==> flow/design.v <==
module shifter_v2 #(
  parameter integer W = 56,
  parameter integer SBITS = $clog2(W)
) (
  input  logic clock,
  input  logic [W-1:0] d,
  input  logic [W-1:0] B,
  input  logic [SBITS-1:0] dist_in,
  output logic [W-1:0] result
);
  logic [W-1:0] d_r;
  logic [W-1:0] B_r;
  logic [SBITS-1:0] dist_in_r;
  logic [2*W-1:0] cur;
  assign cur = {B_r, d_r} >> dist_in_r;
  assign result = cur[W-1:0];
  always_ff @(posedge clock) begin
    d_r <= d;
    B_r <= B;
    dist_in_r <= dist_in;
  end
endmodule
* From RTL to reports: shifter_v2 *
The steps from the RTL of shifter_v2 to its reports follow in flow order.
Line numbers count from 1 in the design file above.
Operators: Yosys type, input widths -> output width; for muxes data width and select width s.
Cell names lack the library's common part.
Not given: n/a

set-up
  design top = shifter_v2
  clock port = clock
  standard-cell library = sky130hd
  corner = tt_025C_1v80

* Word level *
Counts by Yosys on the flattened word-level netlist (proc, flatten, opt, wreduce; memories kept). Register bits leave out memories and registers merged into their read ports (data or address); mux counts leave out enables and synchronous resets folded into registers. Print and check cells are left out. Cells with the same type and inputs are merged into one.

storage and ports
  clocked read ports x word width = 0
  memory bits (read-only) = 0
  output and inout port bits = 56
  flip-flop bits (word level) = 118
  latch bits = 0
  cells after elaboration = 4
  bits in writable memories = 0
  memories kept = 0

cells by class
  order comparisons = 0
  div/mod/pow operators = 0
  muxes and demuxes = 0
  equality and inequality tests = 0
  reduce/logical cells = 0
  shift-type cells = 1
  bitwise gates (word level) = 0
  multiply operators = 0
  $add $sub $neg = 0

operator list
  kind            number
  $shr 112x6->56  1

* Longest topological paths *
Depth = most cells in a row (Yosys ltp): at word level without a register or memory, in the mapped netlist without a sequential cell, where the memories' decode and read muxes count.

logic depth
  word-level depth = 1
  ABC_AREA = 0
  gate-level depth with buffers = 12

* Synthesis result *
Source: synth_stat.txt of the flow (Yosys; design flattened, memories mapped). It holds for the ABC_AREA given above (unset counts as 0); a run with the other value may have another netlist.
The area totals of this step are shown rounded.

synthesis totals
  mapped cells = 979
  mapped area = 10000 µm²
  buffer cells = 95
  mapped flip-flops = 118

cells by type
  cell      number  area in all (µm²)
  mux4_2    130     2.93E+03
  dfxtp_1   118     2.36E+03
  mux2i_1   136     1.36E+03
  nand2_1   145     544.272
  mux2_2    26      292.781
  o221ai_1  31      271.51
  a22oi_1   22      165.158
  o211ai_1  21      157.651
  nor2_1    40      150.144
  clkbuf_1  38      142.637
  a21oi_1   27      135.13
  mux2_1    12      135.13
  buf_2     25      125.12
  buf_6     10      112.608
  o21ai_0   22      110.106
  o21ai_1   21      105.101
  o22ai_1   16      100.096
  a221oi_1  10      87.584

Not listed: further types 36, cells in them 129.

* Path before layout *
Source: OpenSTA report_checks on the synthesized netlist (no wires, ideal clock, input and output delay 20% of the period each), path of least setup slack; recovery checks are left aside. Register names are those of the netlist, which keeps one name where synthesis merged equal registers.

path after synthesis
  path kind = register -> output
  from = reg dist_in_r[0]
  to = out result[42]
  period = 3.55 ns
  driving pins on the path = 7
  data required time = 2.840 ns
  arrival time = 2.270 ns
  setup slack = 0.570 ns
  delay of the path = 2.270 ns
  external output delay = 0.710 ns
  time at the first pin = 0.000 ns
  period reached after synthesis = 2.98 ns

"delay of the path" = arrival - input delay + setup time.
At an output port there is no setup time.
"driving pins on the path" counts driving pins, that of a launching flip-flop among them; a cell with two outputs on the path counts twice.
"period reached after synthesis" is the clock period less the worst setup slack; recovery checks do not enter. This is arithmetic on one report: input and output delays are still those of the set period (20% each).
The rows between start and end are the longest chain of elaborated cells between them; the timing report does not say that the signal goes this way. Where chains are equally long, one stands for them.
Each line given opens the expression or statement behind the cell; cells for indexed reads and writes are added by Yosys, which also makes memories of some case tables.

between the ends, after synthesis
  cell sequence = dfxtp_1 -> buf_6 -> buf_6 -> mux4_2 -> mux4_2 -> mux2_2 -> a221o_1
  cells in the longest elaborated chain = 1
  elaborated cells between the ends (all ways) = 1
  RTL lines with such cells = 1
  those cells by class = shift: 1

ends and longest elaborated chain, after synthesis
  what            line  source
  from (decl)     13    logic [SBITS-1:0] dist_in_r;
  from (assign)   20    dist_in_r <= dist_in;
  $shr 112x6->56  15    assign cur = {B_r, d_r} >> dist_in_r;
  to (decl)       9     output logic [W-1:0] result

* Timing after layout *
Path of least setup slack in the final report of flow run A (OpenROAD, finished layout, wires in). Where an end is a register, its clock arrival counts in the times.

path after layout
  path kind = register -> output
  from = reg dist_in_r[3]
  to = out result[42]
  setup slack = 0.09 ns
  external output delay = 0.91 ns
  data required time = 3.64 ns
  period = 4.55 ns
  arrival time = 3.55 ns
  time at the first pin = 0.44 ns
  driving pins on the path = 7

The rows between start and end are the longest chain of elaborated cells between them; the timing report does not say that the signal goes this way. Where chains are equally long, one stands for them.

between the ends, after layout
  cell sequence = dfxtp_4 -> buf_4 -> mux4_2 -> mux4_2 -> mux2_2 -> a221o_1 -> clkdlybuf4s50_1
  cells in the longest elaborated chain = 1
  elaborated cells between the ends (all ways) = 1
  RTL lines with such cells = 1
  those cells by class = shift: 1

ends and longest elaborated chain, after layout
  what            line  source
  from (decl)     13    logic [SBITS-1:0] dist_in_r;
  from (assign)   20    dist_in_r <= dist_in;
  $shr 112x6->56  15    assign cur = {B_r, d_r} >> dist_in_r;
  to (decl)       9     output logic [W-1:0] result

--- measured runs ---
Measured data: module shifter_v2, platform sky130hd, 3 stored runs of the flow under differing settings, order arbitrary. Input and output delays are each 20% of the period that was set; the output load is 0.01 pF.
"achieved clock period": clock period set for the run, less the worst setup slack. It is reckoned from that one timing run; input and output delays stay at 20% of the period that was set.
"critical path time" is the time allowed to the run's worst setup path (the clock period less input and output delay, where it has them) less its slack. Clock arrival times count: a late capture clock shortens it, a late launch clock lengthens it.
"power consumption" is the tool's figure for a default switching activity; nothing was simulated.
Values from the reports are rounded here.
A setting shown as -- is not set for that run.
A result given as -- is not shown for that run.

item                                          flow run A          flow run B          flow run C
period_ns                                     4.55                3.55                4.91
CORE_UTILIZATION                              34                  40                  53
PLACE_DENSITY_LB_ADDON                        0.11                --                  0.11
CELL_PAD_IN_SITES_GLOBAL_PLACEMENT            3                   --                  3
TNS_END_PERCENT                               45                  --                  15
CTS_CLUSTER_DIAMETER                          100                 --                  366
CAP_MARGIN                                    20                  20                  20
CORE_MARGIN                                   2                   2                   2
SLEW_MARGIN                                   20                  20                  40
SETUP_SLACK_MARGIN                            --                  --                  1.39
CORE_ASPECT_RATIO                             --                  --                  1.21
CELL_PAD_IN_SITES_DETAIL_PLACEMENT            --                  --                  1
GPL_TIMING_DRIVEN                             --                  --                  0
MIN_ROUTING_LAYER                             --                  --                  met2
Yosys chip area after synthesis (µm²)         10000               10000               --
die size (µm²)                                31000               27000               --
standard-cell area of the final layout (µm²)  13000               15000               --
utilization of the finished layout (%)        45                  61                  --
smallest setup slack (ns)                     0.087               -0.14               --
total negative setup slack (ns)               0.000               -1.4                --
final worst hold slack (ns)                   0.90                0.70                --
power consumption (mW)                        4.0                 5.8                 --
achieved clock period (ns)                    4.463               3.691               --
critical path time (ns)                       3.55                2.98                --
worst path kind                               register -> output  register -> output  --

Flow run C: unfinished; error FLW-0024 in placement
--- end ---
